==> flow/design.v <==
module cmp_unit_p #(
  parameter int DATA_WIDTH = 112
) (
  input logic CLK,
  input logic [DATA_WIDTH-1:0] opa,
  input logic [DATA_WIDTH-1:0] opb,
  input logic [DATA_WIDTH-1:0] opc,
  output logic [DATA_WIDTH-1:0] out
);
  logic [DATA_WIDTH-1:0] out_reg;
  assign out = out_reg;
  always_ff @(posedge CLK) begin
    out_reg <= (opa < opb) ? opb : (opa > opc) ? opc : opa;
  end
endmodule
; Step by step through the tools: cmp_unit_p
; What the tools print for cmp_unit_p, step after step.
; Lines are those of the file above, counted from 1.
; Operators carry their Yosys type and port widths (W data, S select, Z words).
; Cell names lack the library's common part.
; The mark n/a stands for no value.
[inputs]
design = cmp_unit_p
clock = CLK
lib = sky130hd
corner = tt_025C_1v80

; Elaborated design
; Counts by Yosys on the flattened word-level netlist (proc, flatten, opt, wreduce; memories kept). Register bits leave out memories and registers merged into their read ports (data or address); mux counts leave out enables and synchronous resets folded into registers. Print and check cells are left out. Cells with the same type and inputs are merged into one.
[op_classes]
muxes = 2
cmp = 2
[ops]
columns = op, count
row1 = $mux W112, 2
row2 = $gt A112 B112 Y1, 1
row3 = $lt A112 B112 Y1, 1
[word_totals]
wordCells = 5
input_bits = 337
output_inout_bits = 112
regBits = 112

; Depth
; Longest topological path by Yosys (ltp), each cell counted once; first at word level (registers and memories cut), then after technology mapping (sequential cells cut; the memories' decode and read muxes count).
[depth]
ltp_word = 3
ABC_AREA = 0
mapped_depth = 13

; Netlist
; Source: synth_stat.txt of the flow (Yosys; design flattened, memories mapped). It holds for the ABC_AREA given above (unset counts as 0); a run with the other value may have another netlist.
[types]
columns = cell_type, count
row1 = ha_1, 223
row2 = dfxtp_1, 112
row3 = inv_1, 227
row4 = a31oi_1, 114
row5 = nand3_1, 129
row6 = nor3_1, 118
row7 = a21oi_1, 84
row8 = o21ai_1, 81
row9 = o21ai_0, 54
row10 = nand4_1, 40
row11 = a21o_1, 31
row12 = clkbuf_1, 56
row13 = nand2_1, 49
row14 = buf_6, 10
row15 = and4_1, 8
row16 = buf_4, 9
row17 = nor2_1, 16
row18 = a221oi_1, 6
; Other cell types: 33; their cells: 73.
[mapped]
yosys_area_um2 = 10731.5
ff_cells = 112
mapped_cells = 1440
buf_cells = 86

; Timing after synthesis
; Path of least setup slack by OpenSTA after synthesis, without wires, with an ideal clock, recovery checks aside; 20% of the period is set as input and as output delay. Where synthesis merged equal registers, the netlist keeps one of their names.
[synth_timing]
kind = input port to flip-flop
from = input opc[93]
to = register out_reg[100]
path_buffers = 2
clock_period_ns = 3.81
driving_pins = 12
input_delay_ns = 0.762
slack_ns = 0.608
setup_ns = 0.136
delay_ns = 2.440
required_ns = 3.674
arrival_ns = 3.066
period_less_setup_slack_ns = 3.202
; "delay_ns" is the arrival time less input delay plus setup time.
; "driving_pins": output pins that drive a net of the path, with the launching flip-flop's if there is one; two outputs of one cell count as two.
; "period_less_setup_slack_ns" is the clock period less the worst setup slack; recovery checks do not enter. This is arithmetic on one report: input and output delays are still those of the set period (20% each).
; The rows between start and end are the longest chain of elaborated cells between them; the timing report does not say that the signal goes this way. Where chains are equally long, one stands for them.
; A line is the first line of the expression or statement that the cell stems from. Yosys adds cells for indexed reads and writes and turns some case tables into memories.
[synth_between]
cell_sequence = inv_1 > ha_1 > nand4_1 > nor4_2 > nand4_1 > or4_4 > a311o_1 > and4_4 > buf_6 > buf_6 > o21ai_1 > a31oi_1
elab_chain_cells = 3
cone_cells = 3
cone_lines = 1
[synth_rtl]
columns = item, line
row1 = "start, declared", 7  ; input logic [DATA_WIDTH-1:0] opc,
row2 = $gt A112 B112 Y1, 13  ; out_reg <= (opa < opb) ? opb : (opa > opc) ? opc : opa;
row3 = $mux W112 x2, 13
row4 = "end, assigned", 13
row5 = "end, declared", 10  ; logic [DATA_WIDTH-1:0] out_reg;

; Path in the finished layout
; From the final timing report of run 1: the path of least setup slack in the routed layout; clock arrival at registers is part of the times.
[layout_timing]
kind = input port to flip-flop
from = input opc[94]
to = register out_reg[55]
clock_period_ns = 4.44
arrival_ns = 4.20
driving_pins = 12
required_ns = 4.71
setup_ns = 0.09
input_delay_ns = 0.89
path_buffers = 2
slack_ns = 0.51
; The rows between start and end are the longest chain of elaborated cells between them; the timing report does not say that the signal goes this way. Where chains are equally long, one stands for them.
[layout_between]
cell_sequence = clkdlybuf4s50_1 > inv_1 > ha_1 > nand4_1 > nor4_2 > nand4_1 > or4_4 > a311o_1 > nand4_4 > buf_12 > nand3_1 > a31oi_1
elab_chain_cells = 3
cone_cells = 3
cone_lines = 1
[layout_rtl]
columns = item, line
row1 = "start, declared", 7  ; input logic [DATA_WIDTH-1:0] opc,
row2 = $gt A112 B112 Y1, 13  ; out_reg <= (opa < opb) ? opb : (opa > opc) ? opc : opa;
row3 = $mux W112 x2, 13
row4 = "end, assigned", 13
row5 = "end, declared", 10  ; logic [DATA_WIDTH-1:0] out_reg;

; 3 stored runs of cmp_unit_p in the flow (synthesis by Yosys, layout by OpenROAD, sky130hd cells), in arbitrary order. Constraints: input delay and output delay 20% of the set period each, output load 0.01 pF.
; "timing.worst_path_ns" is the time allowed to the run's worst setup path (the clock period less input and output delay, where it has them) less its slack. Clock arrival times count: a late capture clock shortens it, a late launch clock lengthens it.
; "power.total_mw": no workload was simulated; the value follows from the tool's default switching activity.

[run 1: settings]
period_ns = 4.44
CORE_UTILIZATION = 44
PLACE_DENSITY = 0.48
CELL_PAD_IN_SITES_GLOBAL_PLACEMENT = 0
GPL_TIMING_DRIVEN = 1
CTS_CLUSTER_SIZE = 19
SLEW_MARGIN = 40
MIN_ROUTING_LAYER = met1
MAX_ROUTING_LAYER = met4
CAP_MARGIN = 20
CORE_MARGIN = 2
[run 1: results]
ys_area_um2 = 10731.5
die_footprint_um2 = 25654.4
util_frac = 0.659
fin_ws_ns = 0.509
fin_tns_ns = 0.000
worst_hold_slack_ns = 1.132
power.total_mw = 3.807
timing.worst_path_ns = 3.04
worstPathKind = input port to flip-flop

[run 2: settings]
period_ns = 3.81
CAP_MARGIN = 20
CORE_MARGIN = 2
CORE_UTILIZATION = 40
SLEW_MARGIN = 20
[run 2: results]
ys_area_um2 = 10731.5
die_footprint_um2 = 28155.2
util_frac = 0.653
fin_ws_ns = 0.028
fin_tns_ns = 0.000
worst_hold_slack_ns = 1.013
power.total_mw = 4.773
timing.worst_path_ns = 3.02
worstPathKind = input port to flip-flop

[run 3: settings]
period_ns = 5.15
CORE_UTILIZATION = 34
SETUP_SLACK_MARGIN = 1.5
PLACE_DENSITY_LB_ADDON = 0.22
CORE_ASPECT_RATIO = 1.09
CORE_MARGIN = 2
CELL_PAD_IN_SITES_GLOBAL_PLACEMENT = 2
ABC_AREA = 1
GPL_TIMING_DRIVEN = 1
CTS_CLUSTER_SIZE = 63
CTS_CLUSTER_DIAMETER = 393
CAP_MARGIN = 20
MAX_ROUTING_LAYER = met5
SLEW_MARGIN = 20
[run 3: results]
ys_area_um2 = 11265.8
die_footprint_um2 = 34607.9
util_frac = 0.513
fin_ws_ns = 1.620
fin_tns_ns = 0.000
worst_hold_slack_ns = 1.230
power.total_mw = 3.455
timing.worst_path_ns = 2.50
worstPathKind = input port to flip-flop
